==> flow/design.v <==
module gen_diff_unit (clk, reset, i_x, i_y, o_q, o_diff);
    parameter XLEN = 20;
    input clk;
    input reset;
    input [XLEN-1:0] i_x;
    input [XLEN-1:0] i_y;
    output [XLEN:0] o_q;
    output [XLEN:0] o_diff;
    reg [XLEN-1:0] x_reg;
    reg [XLEN-1:0] y_reg;
    always @(posedge clk) begin
        if (reset) begin
            x_reg <= 0;
            y_reg <= 0;
        end else begin
            x_reg <= i_x;
            y_reg <= i_y;
        end
    end
    assign o_q = x_reg + y_reg;
    assign o_diff = x_reg - y_reg;
endmodule
Tool chain data of gen_diff_unit
Tool output for the design above, in the order of the flow.
Lines are those of the file above, counted from 1.
Operators carry their Yosys type and port widths (W data, S select, Z words).
A cell with n/a has no value.
- top module: gen_diff_unit
- clock input: clk
- library: sky130hd
- corner: tt_025C_1v80

Word-level counts
Source: Yosys, flattened and elaborated, memories not mapped. Widths are those after wreduce; folded enables and synchronous resets count as part of the registers. Registers that Yosys merges into a memory's read port (data or address) are not register bits. Print and check cells do not count. Equal cells are merged and count once.
- noted elaborated cells: 4
- flip-flop bits (word level) at 40
- bits of input ports at 42
- noted $add $sub $neg: 2
- operators by type and width (kind ; number):
    $add A20 B20 Y21 ; 1
    $sub A20 B20 Y21 ; 1

Longest topological paths
Yosys ltp: most cells in a row. Word level: on the elaborated netlist, between registers, memories and ports. Mapped: between sequential cells and ports; inverters and the memories' decode and read muxes count.
- word-level depth: 1
- ABC_AREA at 0
- depth in mapped cells: 9
- noted mapped depth without buffers: 9

Netlist
Yosys stat after the flow's synthesis: flattened, memories mapped to cells. It holds for the ABC_AREA given above (unset counts as 0); a run with the other value may have another netlist.
The area totals of this step are shown rounded.
- cells by type (type ; number ; total area (um2)):
    sky130_fd_sc_hd__dfxtp_1 ; 40 ; 800.768
    sky130_fd_sc_hd__ha_1 ; 40 ; 500.48
    sky130_fd_sc_hd__nor2b_1 ; 47 ; 294.032
    sky130_fd_sc_hd__xnor2_1 ; 30 ; 262.752
    sky130_fd_sc_hd__a21oi_1 ; 33 ; 165.158
    sky130_fd_sc_hd__inv_1 ; 42 ; 157.651
    sky130_fd_sc_hd__nor2_1 ; 36 ; 135.13
    sky130_fd_sc_hd__nand2_1 ; 17 ; 63.811
    sky130_fd_sc_hd__nor3_1 ; 12 ; 60.058
    sky130_fd_sc_hd__a21o_1 ; 7 ; 52.55
    sky130_fd_sc_hd__o21ai_0 ; 10 ; 50.048
    sky130_fd_sc_hd__buf_2 ; 9 ; 45.043
    sky130_fd_sc_hd__o31ai_1 ; 6 ; 45.043
    sky130_fd_sc_hd__fa_1 ; 2 ; 40.038
    sky130_fd_sc_hd__a211oi_2 ; 3 ; 37.536
    sky130_fd_sc_hd__nand2b_1 ; 6 ; 37.536
    sky130_fd_sc_hd__o21bai_1 ; 5 ; 37.536
    sky130_fd_sc_hd__o21ai_1 ; 6 ; 30.029
Not listed: further types 42, cells in them 66.
- standard cells after synthesis at 417
- noted buffers: 19
- cell area after synthesis at 3400 um2
- mapped flip-flops at 40

Path before layout
Source: OpenSTA report_checks on the synthesized netlist (no wires, ideal clock, input and output delay 20% of the period each), path of least setup slack; recovery checks are left aside. Register names are those of the netlist, which keeps one name where synthesis merged equal registers.
- kind: reg2out
- start: register x_reg[0]
- end: output port o_q[18]
- arrival time at 2085 ps
- path buffers at 0
- slack at 523 ps
- period: 3260 ps
- stages at 9
- noted time at the first pin: 0 ps
- external output delay at 652 ps
- path delay: 2085 ps
- synthesis period reached: 2737 ps
"path delay" = arrival - input delay + setup time.
A path that ends at an output port has no setup time.
"stages": output pins that drive a net of the path, with the launching flip-flop's if there is one; two outputs of one cell count as two.
"synthesis period reached" is the clock period less the worst setup slack; recovery checks do not enter. This is arithmetic on one report: input and output delays are still those of the set period (20% each).
Between the ends stands the longest chain of elaborated cells between them, by number of cells; it is not shown to be the way that was timed. Of several equally long chains one is given.
Each line given opens the expression or statement behind the cell; cells for indexed reads and writes are added by Yosys, which also makes memories of some case tables.
- path through: sky130_fd_sc_hd__dfxtp_1 sky130_fd_sc_hd__ha_1 sky130_fd_sc_hd__fa_1 sky130_fd_sc_hd__nor2b_1 sky130_fd_sc_hd__o211ai_2 sky130_fd_sc_hd__a2111oi_2 sky130_fd_sc_hd__o41ai_4 sky130_fd_sc_hd__o21ai_2 sky130_fd_sc_hd__xnor2_1
- length of the longest elaborated chain at 1
- RTL lines, path post-synthesis (item ; RTL line ; text):
    from (decl) ; 9 ; reg [XLEN-1:0] x_reg;
    from (assign) ; 13 ; x_reg <= 0;
    from (assign) ; 16 ; x_reg <= i_x;
    $add A20 B20 Y21 ; 20 ; assign o_q = x_reg + y_reg;
    to (decl) ; 7 ; output [XLEN:0] o_q;

Worst path after layout
Path of least setup slack in the final report of stored run 1 (OpenROAD, finished layout, wires in). Where an end is a register, its clock arrival counts in the times.
The path's times are printed in steps of 10 ps; the period is the one set.
- kind: reg2out
- start: register x_reg[0]
- end: output port o_diff[20]
- external output delay at 650 ps
- period: 3260 ps
- slack at 90 ps
- arrival time at 2510 ps
- noted time at the first pin: 300 ps
- path buffers at 2
- stages at 12
Between the ends stands the longest chain of elaborated cells between them, by number of cells; it is not shown to be the way that was timed. Of several equally long chains one is given.
- path through: sky130_fd_sc_hd__dfxtp_2 sky130_fd_sc_hd__inv_2 sky130_fd_sc_hd__ha_4 sky130_fd_sc_hd__fa_2 sky130_fd_sc_hd__nand2b_4 sky130_fd_sc_hd__a21oi_4 sky130_fd_sc_hd__nor4b_4 sky130_fd_sc_hd__o21ai_2 sky130_fd_sc_hd__a211oi_2 sky130_fd_sc_hd__buf_4 sky130_fd_sc_hd__o221a_1 sky130_fd_sc_hd__clkbuf_2
- length of the longest elaborated chain at 1
- RTL lines, path after layout (item ; RTL line ; text):
    from (decl) ; 9 ; reg [XLEN-1:0] x_reg;
    from (assign) ; 13 ; x_reg <= 0;
    from (assign) ; 16 ; x_reg <= i_x;
    $sub A20 B20 Y21 ; 21 ; assign o_diff = x_reg - y_reg;
    to (decl) ; 8 ; output [XLEN:0] o_diff;

Measured results for gen_diff_unit: 3 stored runs of the Yosys and OpenROAD flow on sky130hd. The settings differ; the order carries no meaning. The constraints put input and output delay at 20% of the set period each and load the outputs with 0.01 pF.
"period achieved" = clock period - worst setup slack. The figure is calculated, with input and output delays left at 20% of the set period.
"time used up by the worst setup path" = time allowed to the worst setup path (clock period - input delay - output delay, where it has them) - its slack; a late launch clock adds to it, a late capture clock takes from it.
By "total power of the final layout" is meant OpenSTA's value without simulated activity: inputs other than the clock are taken to toggle once in ten clock periods, and the tool carries that through the logic.
"time used up by the worst setup path" is known to 10 ps.
Measured values are rounded.

Stored run 1
Settings were period_ns = 3.26; CAP_MARGIN = 20; CORE_MARGIN = 2; CORE_UTILIZATION = 40; SLEW_MARGIN = 20
- noted the synthesized cell area: 3400 um2
- die size at 9200 um2
- standard-cell area after layout: 4900 um2
- utilization after layout at 60 %
- noted the worst setup slack after layout: 93 ps
- setup total negative slack at 0 ps
- noted the worst-case hold slack: 890 ps
- noted the total power of the final layout: 1800 µW
- noted the period achieved: 3167 ps
- time used up by the worst setup path at 2510 ps
- critical path type: reg2out

Stored run 2
Settings were period_ns = 2.88; CORE_UTILIZATION = 41; SETUP_SLACK_MARGIN = 0.45; PLACE_DENSITY_LB_ADDON = 0.01; GPL_ROUTABILITY_DRIVEN = 1; CAP_MARGIN = 10; MAX_ROUTING_LAYER = met5; CORE_MARGIN = 2; SLEW_MARGIN = 20
- noted the synthesized cell area: 3400 um2
- die size at 9000 um2
- standard-cell area after layout: 5900 um2
- utilization after layout at 72 %
- noted the worst setup slack after layout: -370 ps
- setup total negative slack at -4000 ps
- noted the worst-case hold slack: 820 ps
- noted the total power of the final layout: 2200 µW
- noted the period achieved: 3249 ps
- time used up by the worst setup path at 2670 ps
- critical path type: reg2out

Stored run 3
Settings were period_ns = 3.48; CORE_UTILIZATION = 48; PLACE_DENSITY_LB_ADDON = 0.08; CORE_ASPECT_RATIO = 1.62; CELL_PAD_IN_SITES_GLOBAL_PLACEMENT = 1; GPL_ROUTABILITY_DRIVEN = 0; SLEW_MARGIN = 40; MAX_ROUTING_LAYER = met5; CAP_MARGIN = 20; CORE_MARGIN = 2
- noted the synthesized cell area: 3400 um2
- die size at 7700 um2
- standard-cell area after layout: 4700 um2
- utilization after layout at 69 %
- noted the worst setup slack after layout: 94 ps
- setup total negative slack at 0 ps
- noted the worst-case hold slack: 940 ps
- noted the total power of the final layout: 1600 µW
- noted the period achieved: 3386 ps
- time used up by the worst setup path at 2690 ps
- critical path type: reg2out
